==> flow/design.v <==
module sync_mul_mod #(
    parameter int DATA_W = 56
) (
    input  logic clk,
    input  logic rst,
    input  logic [DATA_W-1:0] in_first,
    input  logic [DATA_W-1:0] in_second,
    input  logic in_clear,
    output logic [2*DATA_W-1:0] out_res,
    output logic out_fin
);
    localparam int SW = $clog2(DATA_W + 1);
    logic [DATA_W-1:0] mcand;
    logic [SW-1:0] left;
    always_ff @(posedge clk or posedge rst) begin
        if (rst) begin
            mcand <= 0;
            left <= 0;
        end else begin
            mcand <= in_clear ? in_first : mcand;
            left <= in_clear ? DATA_W : (left != 0) ? left - 1'b1 : left;
        end
    end
    logic [2*DATA_W-1:0] run_sum;
    logic [DATA_W:0] work;
    assign work = run_sum[2*DATA_W-1:DATA_W] + (run_sum[0] ? mcand : {DATA_W{1'b0}});
    always_ff @(posedge clk or posedge rst) begin
        if (rst) begin
            run_sum <= 0;
        end else begin
            run_sum <= in_clear ? {{DATA_W{1'b0}}, in_second} : (left != 0) ? {work, run_sum[DATA_W-1:1]} : run_sum;
        end
    end
    assign out_res = run_sum;
    assign out_fin = (left == 0);
endmodule
From RTL to reports: sync_mul_mod
What the tools print for sync_mul_mod, step after step.
Lines are those of the file above, counted from 1.
Operators: Yosys type, input widths -> output width; for muxes data width and select width s.
{"block": "inputs", "top": "sync_mul_mod", "clock_port": "clk", "library": "sky130hd", "corner": "tt_025C_1v80"}

Elaborated design
Yosys after proc, flatten, opt, wreduce and memory -nomap, before mapping. Memory bits, and registers merged into a memory's read port (data or address), are not among the register bits. Print and check cells are not counted. Equal cells are merged and count once.
{"block": "classes", "n_addsub": 2, "n_mul": 0, "logic": 0, "cmp": 0, "div_mod_pow": 0, "n_eq": 0, "shift": 0, "reduce_and_logical": 3, "n_mux": 5}
{"block": "op_table", "op": "$mux 112", "count": 2}
{"block": "op_table", "op": "$add 56x56->57", "count": 1}
{"block": "op_table", "op": "$mux 56", "count": 1}
{"block": "op_table", "op": "$mux 6", "count": 2}
{"block": "op_table", "op": "$sub 6x1->6 const B", "count": 1}
{"block": "op_table", "op": "$logic_not 6->1", "count": 1}
{"block": "op_table", "op": "$reduce_bool 6->1", "count": 1}
{"block": "op_table", "op": "$reduce_bool 2->1", "count": 1}
{"block": "word_totals", "out_inout_bits": 113, "mem_bits_rw": 0, "latch_bits": 0, "rom_bits": 0, "register_bits": 174, "clocked_rd_ports_x_width": 0, "elab_cells": 13, "input_bits": 115, "n_memories": 0}

Longest topological paths
Depth = most cells in a row (Yosys ltp): at word level without a register or memory, in the mapped netlist without a sequential cell, where the memories' decode and read muxes count.
{"block": "logic_depth", "depth_word": 4, "ABC_AREA": 0, "depth_mapped": 14, "ltp_nobuf": 13}

Synthesis result
Source: synth_stat.txt of the flow (Yosys; design flattened, memories mapped). It holds for the ABC_AREA given above (unset counts as 0); a run with the other value may have another netlist.
Totals and module areas in this step are rounded.
{"block": "mapped", "ffs": 174, "mapped_cells": 1169, "area_mm2": 0.01082, "seqArea_mm2": 0.004354, "buffers": 68}
{"block": "types", "type": "sky130_fd_sc_hd__dfrtp_1", "count": 174, "type_area_um2": 4.35E+03}
{"block": "types", "type": "sky130_fd_sc_hd__ha_1", "count": 58, "type_area_um2": 725.696}
{"block": "types", "type": "sky130_fd_sc_hd__mux2_2", "count": 56, "type_area_um2": 630.605}
{"block": "types", "type": "sky130_fd_sc_hd__nand2_1", "count": 153, "type_area_um2": 574.301}
{"block": "types", "type": "sky130_fd_sc_hd__mux2i_1", "count": 57, "type_area_um2": 570.547}
{"block": "types", "type": "sky130_fd_sc_hd__a21oi_1", "count": 103, "type_area_um2": 515.494}
{"block": "types", "type": "sky130_fd_sc_hd__o21ai_0", "count": 94, "type_area_um2": 470.451}
{"block": "types", "type": "sky130_fd_sc_hd__and2_1", "count": 60, "type_area_um2": 375.36}
{"block": "types", "type": "sky130_fd_sc_hd__a21o_1", "count": 26, "type_area_um2": 195.187}
{"block": "types", "type": "sky130_fd_sc_hd__xnor2_1", "count": 22, "type_area_um2": 192.685}
{"block": "types", "type": "sky130_fd_sc_hd__clkbuf_1", "count": 48, "type_area_um2": 180.173}
{"block": "types", "type": "sky130_fd_sc_hd__nor2_1", "count": 45, "type_area_um2": 168.912}
{"block": "types", "type": "sky130_fd_sc_hd__nand3_1", "count": 29, "type_area_um2": 145.139}
{"block": "types", "type": "sky130_fd_sc_hd__xor2_1", "count": 16, "type_area_um2": 140.134}
{"block": "types", "type": "sky130_fd_sc_hd__a211oi_1", "count": 17, "type_area_um2": 127.622}
{"block": "types", "type": "sky130_fd_sc_hd__and3_1", "count": 16, "type_area_um2": 100.096}
{"block": "types", "type": "sky130_fd_sc_hd__o21a_1", "count": 11, "type_area_um2": 82.579}
{"block": "types", "type": "sky130_fd_sc_hd__nand4_1", "count": 11, "type_area_um2": 68.816}
Other cell types: 49; their cells: 173.

Timing after synthesis
Source: OpenSTA report_checks on the synthesized netlist (no wires, ideal clock, input and output delay 20% of the period each), path of least setup slack; recovery checks are left aside. Register names are those of the netlist, which keeps one name where synthesis merged equal registers.
{"block": "synth_timing", "kind": "reg-to-reg", "startpoint": "register run_sum[0]", "endpoint": "register run_sum[110]", "path_delay_ns": 3.293, "setup_ns": 0.128, "slack_ns": 0.828, "path_stages": 14, "required_time_ns": 3.992, "n_path_buf": 3, "clock_period_ns": 4.12, "arrival_time_ns": 3.165, "t_first_pin_ns": 0.000, "period_less_setup_slack_ns": 3.292}
"path_delay_ns" is the arrival time less input delay plus setup time.
"path_stages": output pins that drive a net of the path, with the launching flip-flop's if there is one; two outputs of one cell count as two.
"period_less_setup_slack_ns" = period - worst setup slack (recovery checks aside). The figure is calculated, with input and output delays left at 20% of the set period.
Between the ends stands the longest chain of elaborated cells between them, by number of cells; it is not shown to be the way that was timed. Of several equally long chains one is given.
Each line given opens the expression or statement behind the cell; cells for indexed reads and writes are added by Yosys, which also makes memories of some case tables.
{"block": "synth_between", "cell_sequence": "sky130_fd_sc_hd__dfrtp_1 > sky130_fd_sc_hd__clkbuf_1 > sky130_fd_sc_hd__clkbuf_1 > sky130_fd_sc_hd__and2_1 > sky130_fd_sc_hd__ha_1 > sky130_fd_sc_hd__clkbuf_2 > sky130_fd_sc_hd__nand2_1 > sky130_fd_sc_hd__nor4_4 > sky130_fd_sc_hd__and3_4 > sky130_fd_sc_hd__a211oi_4 > sky130_fd_sc_hd__nor4_4 > sky130_fd_sc_hd__o21ai_2 > sky130_fd_sc_hd__a2111oi_2 > sky130_fd_sc_hd__mux2_1", "elab_chain_len": 4, "cone_cells": 4, "cone_lines": 2, "cone_classes": "add/sub (1); mux (3)"}
{"block": "synth_rtl", "item": "start: declaration", "line": 24, "rtl": "logic [2*DATA_W-1:0] run_sum;"}
{"block": "synth_rtl", "item": "start: assignment", "line": 29, "rtl": "run_sum <= 0;"}
{"block": "synth_rtl", "item": "start: assignment", "line": 31, "rtl": "run_sum <= in_clear ? {{DATA_W{1'b0}}, in_second} : (left != 0) ? {work, run_sum[DATA_W-1:1]} : run_sum;"}
{"block": "synth_rtl", "item": "$mux 56", "line": 26, "rtl": "assign work = run_sum[2*DATA_W-1:DATA_W] + (run_sum[0] ? mcand : {DATA_W{1'b0}});"}
{"block": "synth_rtl", "item": "$add 56x56->57", "line": 26}
{"block": "synth_rtl", "item": "$mux 112 (2 in a row)", "line": 31}
{"block": "synth_rtl", "item": "end: assignment", "line": 29}
{"block": "synth_rtl", "item": "end: assignment", "line": 31}
{"block": "synth_rtl", "item": "end: declaration", "line": 24}

Path in the finished layout
Path of least setup slack in the final report of job 1 (OpenROAD, finished layout, wires in). Where an end is a register, its clock arrival counts in the times.
{"block": "layout_timing", "kind": "reg-to-reg", "startpoint": "register run_sum[0]", "endpoint": "register run_sum[109]", "path_stages": 14, "n_path_buf": 2, "setup_ns": 0.09, "clock_period_ns": 3.01, "arrival_time_ns": 3.50, "required_time_ns": 3.35, "t_first_pin_ns": 0.44, "slack_ns": -0.15}
Between the ends stands the longest chain of elaborated cells between them, by number of cells; it is not shown to be the way that was timed. Of several equally long chains one is given.
{"block": "layout_between", "cell_sequence": "sky130_fd_sc_hd__dfrtp_2 > sky130_fd_sc_hd__buf_4 > sky130_fd_sc_hd__clkbuf_16 > sky130_fd_sc_hd__and2_1 > sky130_fd_sc_hd__ha_1 > sky130_fd_sc_hd__nand3_1 > sky130_fd_sc_hd__a21oi_1 > sky130_fd_sc_hd__nor4_1 > sky130_fd_sc_hd__o41a_1 > sky130_fd_sc_hd__nor4_1 > sky130_fd_sc_hd__a31oi_1 > sky130_fd_sc_hd__a21oi_1 > sky130_fd_sc_hd__o21ai_0 > sky130_fd_sc_hd__a311oi_2", "elab_chain_len": 4, "cone_cells": 4, "cone_lines": 2, "cone_classes": "add/sub (1); mux (3)"}
{"block": "layout_rtl", "item": "start: declaration", "line": 24, "rtl": "logic [2*DATA_W-1:0] run_sum;"}
{"block": "layout_rtl", "item": "start: assignment", "line": 29, "rtl": "run_sum <= 0;"}
{"block": "layout_rtl", "item": "start: assignment", "line": 31, "rtl": "run_sum <= in_clear ? {{DATA_W{1'b0}}, in_second} : (left != 0) ? {work, run_sum[DATA_W-1:1]} : run_sum;"}
{"block": "layout_rtl", "item": "$mux 56", "line": 26, "rtl": "assign work = run_sum[2*DATA_W-1:DATA_W] + (run_sum[0] ? mcand : {DATA_W{1'b0}});"}
{"block": "layout_rtl", "item": "$add 56x56->57", "line": 26}
{"block": "layout_rtl", "item": "$mux 112 (2 in a row)", "line": 31}
{"block": "layout_rtl", "item": "end: assignment", "line": 29}
{"block": "layout_rtl", "item": "end: assignment", "line": 31}
{"block": "layout_rtl", "item": "end: declaration", "line": 24}

Add stored flow runs of sync_mul_mod

Design sync_mul_mod on sky130hd. What follows are 3 stored runs of the flow, each under its own settings; their order means nothing. The constraints put input and output delay at 20% of the set period each and load the outputs with 0.01 pF.
"period_reached_ns" is the run's clock period less its worst setup slack. It is reckoned from that one timing run; input and output delays stay at 20% of the period that was set.
"critical_path_time_ns" is the time allowed to the run's worst setup path (the clock period less input and output delay, where it has them) less its slack. Clock arrival times count: a late capture clock shortens it, a late launch clock lengthens it.
By "final_power_uw" is meant OpenSTA's value without simulated activity: inputs other than the clock are taken to toggle once in ten clock periods, and the tool carries that through the logic.
Measured values are rounded.

{"run": "job 1", "settings": { "period_ns": 3.01, "CORE_UTILIZATION": 38, "SETUP_SLACK_MARGIN": -0.29, "GPL_ROUTABILITY_DRIVEN": 1, "CTS_CLUSTER_SIZE": 29, "MIN_ROUTING_LAYER": "met1", "MAX_ROUTING_LAYER": "met4", "CAP_MARGIN": 20, "CORE_MARGIN": 2, "SLEW_MARGIN": 20 }, "results": { "synth_area_mm2": 0.01082, "final_die_area_mm2": 0.02984, "cell_area_final_mm2": 0.01555, "finish.utilization_pct": 55.7, "worstSetupSlack_ns": -0.150, "setupTns_ns": -1.564, "hold_worst_slack_ns": 0.488, "final_power_uw": 8104, "period_reached_ns": 3.160, "critical_path_time_ns": 3.16, "worst_setup_path_type": "reg-to-reg" }}
{"run": "job 2", "settings": { "period_ns": 4.12, "CAP_MARGIN": 20, "CORE_MARGIN": 2, "CORE_UTILIZATION": 40, "SLEW_MARGIN": 20 }, "results": { "synth_area_mm2": 0.01082, "final_die_area_mm2": 0.02838, "cell_area_final_mm2": 0.01396, "finish.utilization_pct": 52.2, "worstSetupSlack_ns": 0.499, "setupTns_ns": 0.000, "hold_worst_slack_ns": 0.503, "final_power_uw": 5382, "period_reached_ns": 3.621, "critical_path_time_ns": 3.62, "worst_setup_path_type": "reg-to-reg" }}
{"run": "job 3", "settings": { "period_ns": 3.06, "CORE_UTILIZATION": 61, "SETUP_SLACK_MARGIN": 0.25, "PLACE_DENSITY_LB_ADDON": 0.27, "HOLD_SLACK_MARGIN": 0.18, "CORE_MARGIN": 8, "CELL_PAD_IN_SITES_DETAIL_PLACEMENT": 2, "TNS_END_PERCENT": 50, "CTS_CLUSTER_SIZE": 94, "MIN_ROUTING_LAYER": "met2", "MAX_ROUTING_LAYER": "met5", "CAP_MARGIN": 20, "SLEW_MARGIN": 20 }, "outcome": "incomplete, placement halted on DPL-0033"}
